==> flow/design.v <==
module sync_sh_core_n (ck, rstn, step, ch_in, sa_in, out_out);
  parameter DATA_WIDTH = 56;
  localparam SBITS = $clog2(DATA_WIDTH);
  input ck;
  input rstn;
  input step;
  input signed [DATA_WIDTH-1:0] ch_in;
  input [SBITS-1:0] sa_in;
  output reg [DATA_WIDTH-1:0] out_out;
  reg signed [DATA_WIDTH-1:0] r_ch;
  reg [SBITS-1:0] r_sa;
  always @(posedge ck) begin
    if (!rstn) begin
      r_ch <= 0;
      r_sa <= 0;
      out_out <= 0;
    end else if (step) begin
      r_ch <= ch_in;
      r_sa <= sa_in;
      out_out <= r_ch >>> r_sa;
    end
  end
endmodule
# Tool chain data of sync_sh_core_n
# What the tools print for sync_sh_core_n, step after step.
# Line numbers count from 1 in the design file above.
inputs:
  top_module: "sync_sh_core_n"
  clk_port: "ck"
  library: "sky130hd"
  corner: "tt_025C_1v80"

# After elaboration
# Yosys after proc, flatten, opt, wreduce and memory -nomap, before mapping. Enables and synchronous resets that opt folds into registers are not counted as muxes. Memory bits, and registers merged into a memory's read port (data or address), are not among the register bits. Print and check cells are not counted. Equal cells are merged and count once.
word_totals:
  wordCells: 4
  in_bits: 65
  output_inout_bits: 56
  reg_bits: 118
op_classes:
  shifts: 1
op_table:
  columns: ["operator", "n"]
  rows:
  - [">>> shifter 56 x 6 -> 56 bit", 1]

# Logic depth
# Depth = most cells in a row (Yosys ltp): at word level without a register or memory, in the mapped netlist without a sequential cell, where the memories' decode and read muxes count.
logic_depth:
  depth_word: 1
  ABC_AREA: 1
  ltp_mapped: 14
  ltp_nobuf: 13

# Mapped cells and area
# Yosys stat after the flow's synthesis: flattened, memories mapped to cells. It holds for the ABC_AREA given above (unset counts as 0); a run with the other value may have another netlist.
types:
  columns: ["cell", "n", "type_area_um2"]
  rows:
  - ["sky130_fd_sc_hd__dfxtp_1", 118, 2.36E+03]
  - ["sky130_fd_sc_hd__nand3_1", 391, 1.96E+03]
  - ["sky130_fd_sc_hd__nand2_1", 343, 1.29E+03]
  - ["sky130_fd_sc_hd__o21ai_0", 96, 480.461]
  - ["sky130_fd_sc_hd__nor2_1", 126, 472.954]
  - ["sky130_fd_sc_hd__a21oi_1", 44, 220.211]
  - ["sky130_fd_sc_hd__clkbuf_1", 49, 183.926]
  - ["sky130_fd_sc_hd__buf_2", 25, 125.12]
  - ["sky130_fd_sc_hd__inv_1", 28, 105.101]
  - ["sky130_fd_sc_hd__buf_4", 10, 75.072]
  - ["sky130_fd_sc_hd__buf_1", 17, 63.811]
  - ["sky130_fd_sc_hd__buf_6", 2, 22.522]
  - ["sky130_fd_sc_hd__o21ai_1", 4, 20.019]
  - ["sky130_fd_sc_hd__inv_2", 4, 15.014]
  - ["sky130_fd_sc_hd__a211oi_1", 1, 7.507]
  - ["sky130_fd_sc_hd__o211ai_1", 1, 7.507]
  - ["sky130_fd_sc_hd__clkinv_1", 1, 3.754]
mapped:
  flip_flops: 118
  seqArea_mm2: 0.0023623
  buffers: 103
  synth_area_mm2: 0.0074096
  cells: 1260

# Path before layout
# Path of least setup slack by OpenSTA after synthesis, without wires, with an ideal clock, recovery checks aside; 20% of the period is set as input and as output delay. Where synthesis merged equal registers, the netlist keeps one of their names.
synth_timing:
  path_kind: "input port to flip-flop"
  startpoint: "input step"
  endpoint: "register out_out[25]"
  input_delay_ns: 0.522
  arrival_ns: 1.534
  slack_ns: 0.948
  period_ns: 2.61
  setup_ns: 0.128
  launch_ns: 0.522
  t_required_ns: 2.482
  path_buffers: 3
  path_delay_ns: 1.140
  driving_pins: 6
  synth_period_reached_ns: 1.662
# "path_delay_ns" is the arrival time less input delay plus setup time.
# "driving_pins" counts driving pins, that of a launching flip-flop among them; a cell with two outputs on the path counts twice.
# "synth_period_reached_ns" is the clock period less the worst setup slack; recovery checks do not enter. This is arithmetic on one report: input and output delays are still those of the set period (20% each).
synth_between:
  path_cell_list: "sky130_fd_sc_hd__buf_2 -> sky130_fd_sc_hd__buf_2 -> sky130_fd_sc_hd__inv_2 -> sky130_fd_sc_hd__a21oi_1 -> sky130_fd_sc_hd__clkbuf_1 -> sky130_fd_sc_hd__a21oi_1"
synth_lines:
  columns: ["element", "line_no", "source"]
  rows:
  - ["start: declaration", 6, "input step;"]
  - ["end: assignment", 16, "out_out <= 0;"]
  - ["end: assignment", 20, "out_out <= r_ch >>> r_sa;"]
  - ["end: declaration", 9, "output reg [DATA_WIDTH-1:0] out_out;"]
# No chain of elaborated cells between the ends is given.

# Worst path after layout
# From the final timing report of run 1: the path of least setup slack in the routed layout; clock arrival at registers is part of the times.
layout_timing:
  path_kind: "flip-flop to flip-flop"
  startpoint: "register r_sa[0]"
  endpoint: "register out_out[17]"
  t_required_ns: 2.13
  setup_ns: 0.05
  driving_pins: 13
  launch_ns: 0.45
  arrival_ns: 2.18
  slack_ns: -0.05
  period_ns: 1.73
  path_buffers: 2
# Between the ends stands the longest chain of elaborated cells between them, by number of cells; it is not shown to be the way that was timed. Of several equally long chains one is given.
# A line is the first line of the expression or statement that the cell stems from. Yosys adds cells for indexed reads and writes and turns some case tables into memories.
layout_between:
  path_cell_list: "sky130_fd_sc_hd__dfxtp_4 -> sky130_fd_sc_hd__buf_12 -> sky130_fd_sc_hd__nand2_1 -> sky130_fd_sc_hd__nand3_1 -> sky130_fd_sc_hd__nand3_1 -> sky130_fd_sc_hd__nand3_1 -> sky130_fd_sc_hd__nand2_2 -> sky130_fd_sc_hd__buf_4 -> sky130_fd_sc_hd__nand2_1 -> sky130_fd_sc_hd__nand3_1 -> sky130_fd_sc_hd__nand3_1 -> sky130_fd_sc_hd__nand2_1 -> sky130_fd_sc_hd__inv_1"
  elab_chain_len: 1
  cells_between: 1
  cone_lines: 1
  cone_classes: "1 x shift"
layout_lines:
  columns: ["element", "line_no", "source"]
  rows:
  - ["start: declaration", 11, "reg [SBITS-1:0] r_sa;"]
  - ["start: assignment", 15, "r_sa <= 0;"]
  - ["start: assignment", 19, "r_sa <= sa_in;"]
  - [">>> shifter 56 x 6 -> 56 bit", 20, "out_out <= r_ch >>> r_sa;"]
  - ["end: assignment", 16, "out_out <= 0;"]
  - ["end: assignment", 20, null]
  - ["end: declaration", 9, "output reg [DATA_WIDTH-1:0] out_out;"]

Below are 3 stored runs of the flow (Yosys, OpenROAD; platform sky130hd) on sync_sh_core_n, each with its settings and what was measured, unordered. Constraints: input delay and output delay 20% of the set period each, output load 0.01 pF.
"achieved_period_ns" = clock period - worst setup slack. The figure is calculated, with input and output delays left at 20% of the set period.
"worstPathTime_ns" means the part of the period allowed to the worst setup path (the constraints hold back 20% at inputs and 20% at outputs) less its slack; where the path has registers, the arrival times of their clocks count too.
"design_power_mw": no workload was simulated; the value follows from the tool's default switching activity.

--- run 1 ---
==> flow/run.sh <==
#!/bin/bash
# the make line also repeats the synthesis and layout settings of config.mk as NAME=value (left out here)
make -C /OpenROAD-flow-scripts/flow DESIGN_CONFIG=/design/flow/config.mk WORK_HOME=/design/flow/orfs CLKGATE_MAP_FILE= finish
==> flow/config.mk <==
export PLATFORM = sky130hd
export DESIGN_NAME = sync_sh_core_n
export DESIGN_NICKNAME = sync_sh_core_n
export VERILOG_FILES = /design/flow/design.v
export SDC_FILE = /design/flow/constraint.sdc
export NUM_CORES = 4
export LEC_CHECK = 0
export ABC_AREA = 1
export CAP_MARGIN = 35
export CELL_PAD_IN_SITES_GLOBAL_PLACEMENT = 1
export CORE_ASPECT_RATIO = 1.4
export CORE_MARGIN = 8
export CORE_UTILIZATION = 16
export CTS_CLUSTER_SIZE = 66
export GPL_ROUTABILITY_DRIVEN = 1
export HOLD_SLACK_MARGIN = 0.16
export PLACE_DENSITY_LB_ADDON = 0.04
export SLEW_MARGIN = 20
==> flow/constraint.sdc <==
create_clock -name core_clock -period 1.73 [get_ports {ck}]
set_input_delay 0.3460 -clock core_clock [delete_from_list [all_inputs] [get_ports {ck}]]
set_output_delay 0.3460 -clock core_clock [all_outputs]
set_load 0.01 [all_outputs]

==> results, as YAML <==
results:
  design_power_mw: 10.178
  finalUtil_pct: 24.9
  worstPathTime_ns: 1.78
  worst_setup_path_type: "flip-flop to flip-flop"
  achieved_period_ns: 1.780
  cell_area_final_mm2: 0.0113959
  post_synth_area_mm2: 0.0074096
  dieArea_mm2: 0.0535499
  setup_tns_ns: -0.279
  worstSetupSlack_ns: -0.050
  timing.hold.ws_ns: 0.378

--- run 2 ---
==> flow/run.sh <==
#!/bin/bash
# the make line also repeats the synthesis and layout settings of config.mk as NAME=value (left out here)
make -C /OpenROAD-flow-scripts/flow DESIGN_CONFIG=/design/flow/config.mk WORK_HOME=/design/flow/orfs CLKGATE_MAP_FILE= finish
==> flow/config.mk <==
export PLATFORM = sky130hd
export DESIGN_NAME = sync_sh_core_n
export DESIGN_NICKNAME = sync_sh_core_n
export VERILOG_FILES = /design/flow/design.v
export SDC_FILE = /design/flow/constraint.sdc
export NUM_CORES = 4
export LEC_CHECK = 0
export CAP_MARGIN = 20
export CORE_MARGIN = 2
export CORE_UTILIZATION = 40
export SLEW_MARGIN = 20
==> flow/constraint.sdc <==
create_clock -name core_clock -period 2.61 [get_ports {ck}]
set_input_delay 0.5220 -clock core_clock [delete_from_list [all_inputs] [get_ports {ck}]]
set_output_delay 0.5220 -clock core_clock [all_outputs]
set_load 0.01 [all_outputs]

==> results, as YAML <==
results:
  design_power_mw: 6.168
  finalUtil_pct: 52.2
  worstPathTime_ns: 2.53
  worst_setup_path_type: "flip-flop to flip-flop"
  achieved_period_ns: 2.528
  cell_area_final_mm2: 0.0106565
  post_synth_area_mm2: 0.0083956
  dieArea_mm2: 0.0221638
  setup_tns_ns: 0.000
  worstSetupSlack_ns: 0.082
  timing.hold.ws_ns: 0.438

--- run 3 ---
==> flow/run.sh <==
#!/bin/bash
# the make line also repeats the synthesis and layout settings of config.mk as NAME=value (left out here)
make -C /OpenROAD-flow-scripts/flow DESIGN_CONFIG=/design/flow/config.mk WORK_HOME=/design/flow/orfs CLKGATE_MAP_FILE= finish
==> flow/config.mk <==
export PLATFORM = sky130hd
export DESIGN_NAME = sync_sh_core_n
export DESIGN_NICKNAME = sync_sh_core_n
export VERILOG_FILES = /design/flow/design.v
export SDC_FILE = /design/flow/constraint.sdc
export NUM_CORES = 4
export LEC_CHECK = 0
export CAP_MARGIN = 20
export CELL_PAD_IN_SITES_DETAIL_PLACEMENT = 1
export CORE_MARGIN = 2
export CORE_UTILIZATION = 49
export GPL_ROUTABILITY_DRIVEN = 1
export GPL_TIMING_DRIVEN = 1
export PLACE_DENSITY_LB_ADDON = 0.05
export SETUP_SLACK_MARGIN = 0.24
export SLEW_MARGIN = 20
export TNS_END_PERCENT = 40
==> flow/constraint.sdc <==
create_clock -name core_clock -period 3.58 [get_ports {ck}]
set_input_delay 0.7160 -clock core_clock [delete_from_list [all_inputs] [get_ports {ck}]]
set_output_delay 0.7160 -clock core_clock [all_outputs]
set_load 0.01 [all_outputs]

==> results, as YAML <==
results:
  design_power_mw: 4.277
  finalUtil_pct: 61.1
  worstPathTime_ns: 2.91
  worst_setup_path_type: "flip-flop to flip-flop"
  achieved_period_ns: 2.914
  cell_area_final_mm2: 0.0101748
  post_synth_area_mm2: 0.0083956
  dieArea_mm2: 0.0181967
  setup_tns_ns: 0.000
  worstSetupSlack_ns: 0.666
  timing.hold.ws_ns: 0.454
